==> flow/design.v <==
module my_mpy_blk #(
  parameter int WD = 18
) (
  input  logic ck,
  input  logic rstn,
  input  logic [WD-1:0] arg0,
  input  logic [WD-1:0] arg1,
  output logic [WD-1:0] res
);
  logic [WD-1:0] arg0_r;
  logic [WD-1:0] arg1_r;
  always_ff @(posedge ck) begin
    if (~rstn) begin
      arg0_r <= 0;
      arg1_r <= 0;
    end else begin
      arg0_r <= arg0;
      arg1_r <= arg1;
    end
  end
  assign res = arg0_r * arg1_r;
endmodule
Reports on my_mpy_blk

Tool output for the design above, in the order of the flow.
Line numbers count from 1 in the design file above.
Library cell names are shortened.
A cell with - has no value.

Design top: my_mpy_blk
Clock port: ck
Standard-cell library: sky130hd
Timing corner: tt_025C_1v80

Word level

Counts by Yosys on the flattened word-level netlist (proc, flatten, opt, wreduce; memories kept). Register bits leave out memories and registers merged into their read ports (data or address); mux counts leave out enables and synchronous resets folded into registers. Print and check cells are left out. Cells with the same type and inputs are merged into one.

Output and inout port bits: 18
Word-level cells: 3
ROM bits: 0
RAM bits: 0
Flip-flop bits (word level): 36
Word width x clocked read ports: 0
Latch bits: 0
Input bits: 38
Memories: 0

Bitwise operators: 0
$lt $le $gt $ge: 0
Multiplexer cells: 0
Reductions and logical operators: 0
Multiply operators: 1
Equal/unequal tests: 0
Div/mod/pow operators: 0
Add/subtract/negate cells: 0
Shift operators: 0

Operator list:

| operator                                       | number |
| 18-bit by 18-bit multiplier with 18-bit output | 1 |

Longest topological paths

Longest topological path by Yosys (ltp), each cell counted once; first at word level (registers and memories cut), then after technology mapping (sequential cells cut; the memories' decode and read muxes count).

Depth after elaboration: 1
ABC_AREA: 0
Depth in mapped cells: 20
Depth with buffers taken out: 19

Mapped cells and area

Yosys stat after the flow's synthesis: flattened, memories mapped to cells. It holds for the ABC_AREA given above (unset counts as 0); a run with the other value may have another netlist.
Totals and module areas in this step are rounded.

Mapped cells: 662
Buffer cells: 21
Synthesis area: 0.005961 sq mm
Mapped flip-flops: 36

Cells by type:

| cell type | number | area in all (sq um) |
| fa_1      | 109    | 2.18E+03 |
| and2_1    | 141    | 882.096 |
| dfxtp_1   | 36     | 720.691 |
| ha_1      | 53     | 663.136 |
| inv_1     | 157    | 589.315 |
| xnor2_1   | 34     | 297.786 |
| nand2_1   | 68     | 255.245 |
| clkbuf_1  | 19     | 71.318 |
| xor2_1    | 7      | 61.309 |
| o21a_1    | 5      | 37.536 |
| a21oi_1   | 6      | 30.029 |
| o21ai_0   | 5      | 25.024 |
| xnor3_1   | 1      | 22.522 |
| a21o_1    | 2      | 15.014 |
| nor2_1    | 4      | 15.014 |
| nor3_1    | 3      | 15.014 |
| clkbuf_2  | 2      | 10.01 |
| o31a_1    | 1      | 8.758 |

Not listed: further types 9, cells in them 9.

Worst setup path after synthesis

Path of least setup slack by OpenSTA after synthesis, without wires, with an ideal clock, recovery checks aside; 20% of the period is set as input and as output delay. Where synthesis merged equal registers, the netlist keeps one of their names.

Path kind: reg2out
From: register arg1_r[3]
To: output res[16]
Setup slack: 1.257 ns
Buffers on the path: 1
Arrival time: 5.031 ns
Delay of the path: 5.031 ns
External output delay: 1.572 ns
Stages: 19
Clock period: 7.86 ns
Synthesis period reached: 6.603 ns

"delay of the path" is the arrival time less input delay plus setup time.
At an output port there is no setup time.
"stages" counts driving pins, that of a launching flip-flop among them; a cell with two outputs on the path counts twice.
"synthesis period reached" = period - worst setup slack (recovery checks aside). The figure is calculated, with input and output delays left at 20% of the set period.
The rows between start and end are the longest chain of elaborated cells between them; the timing report does not say that the signal goes this way. Where chains are equally long, one stands for them.
A line is the first line of the expression or statement that the cell stems from. Yosys adds cells for indexed reads and writes and turns some case tables into memories.

Path through: dfxtp_1 > clkbuf_1 > and2_1 > fa_1 > inv_1 > fa_1 > fa_1 > fa_1 > inv_1 > fa_1 > inv_1 > fa_1 > inv_1 > ha_1 > nand2_1 > o21ai_0 > or4_1 > o22ai_1 > xnor2_1
Cells in the longest elaborated chain: 1

Ends and longest elaborated chain, post-synthesis:

| element                                        | line | text |
| start, declared                                | 11   | `logic [WD-1:0] arg1_r;` |
| start, assigned                                | 15   | `arg1_r <= 0;` |
| start, assigned                                | 18   | `arg1_r <= arg1;` |
| 18-bit by 18-bit multiplier with 18-bit output | 21   | `assign res = arg0_r * arg1_r;` |
| end, declared                                  | 8    | `output logic [WD-1:0] res` |

Worst path after layout

From the final timing report of run 1: the path of least setup slack in the routed layout; clock arrival at registers is part of the times.

Path kind: reg2out
From: register arg1_r[4]
To: output res[17]
Arrival time: 6.03 ns
Buffers on the path: 1
Clock period: 7.86 ns
Setup slack: 0.26 ns
Stages: 18
External output delay: 1.57 ns

The rows between start and end are the longest chain of elaborated cells between them; the timing report does not say that the signal goes this way. Where chains are equally long, one stands for them.

Path through: dfxtp_1 > and2_1 > fa_1 > inv_1 > fa_1 > inv_1 > fa_1 > fa_1 > fa_1 > inv_1 > fa_1 > inv_1 > ha_1 > nand4_1 > o21ai_0 > a31oi_2 > xnor3_1 > clkdlybuf4s50_1
Cells in the longest elaborated chain: 1

Ends and longest elaborated chain, post-layout:

| element                                        | line | text |
| start, declared                                | 11   | `logic [WD-1:0] arg1_r;` |
| start, assigned                                | 15   | `arg1_r <= 0;` |
| start, assigned                                | 18   | `arg1_r <= arg1;` |
| 18-bit by 18-bit multiplier with 18-bit output | 21   | `assign res = arg0_r * arg1_r;` |
| end, declared                                  | 8    | `output logic [WD-1:0] res` |

==> results <==
Measured data: module my_mpy_blk, platform sky130hd, 3 stored runs of the flow under differing settings, order arbitrary. Input and output delays are each 20% of the period that was set; the output load is 0.01 pF.
By "clock period achieved" is meant the clock period of the run minus its worst setup slack. This is arithmetic on one report: input and output delays are still those of the set period (20% each).
"worst path time" = time allowed to the worst setup path (clock period - input delay - output delay, where it has them) - its slack; a late launch clock adds to it, a late capture clock takes from it.
"total power after layout": no workload was simulated; the value follows from the tool's default switching activity.
Results are given in rounded form.
A setting shown as . is not set for that run.
A result given as . is not shown for that run.

| name                                    | run 1    | run 2 | run 3    |
| period_ns                               | 7.86     | 11.3  | 8.68     |
| CAP_MARGIN                              | 20       | 20    | 20       |
| CORE_MARGIN                             | 2        | 8     | 5        |
| CORE_UTILIZATION                        | 40       | 70    | 33       |
| SLEW_MARGIN                             | 20       | 20    | 20       |
| PLACE_DENSITY_LB_ADDON                  | .        | 0.06  | 0.23     |
| CELL_PAD_IN_SITES_DETAIL_PLACEMENT      | .        | 2     | .        |
| ABC_AREA                                | .        | 0     | .        |
| GPL_TIMING_DRIVEN                       | .        | 1     | 0        |
| GPL_ROUTABILITY_DRIVEN                  | .        | 1     | 0        |
| CTS_CLUSTER_SIZE                        | .        | 38    | .        |
| CORE_ASPECT_RATIO                       | .        | .     | 0.67     |
| TNS_END_PERCENT                         | .        | .     | 40       |
| CTS_CLUSTER_DIAMETER                    | .        | .     | 217      |
| Yosys chip area after synthesis (sq mm) | 0.005961 | .     | 0.005961 |
| die size (sq mm)                        | 0.01589  | .     | 0.02091  |
| standard-cell area after layout (sq mm) | 0.006868 | .     | 0.006954 |
| final utilization                       | 0.473    | .     | 0.39     |
| worst setup slack after layout (ns)     | 0.260    | .     | 0.305    |
| summed negative setup slack (ns)        | 0.000    | .     | 0.000    |
| smallest hold slack (ns)                | 1.865    | .     | 2.040    |
| total power after layout (µW)           | 939.3    | .     | 841      |
| clock period achieved (ns)              | 7.600    | .     | 8.375    |
| worst path time (ns)                    | 6.03     | .     | 6.64     |
| class of the worst setup path           | reg2out  | .     | reg2out  |

Run 2: not finished: placement ended with a tool error
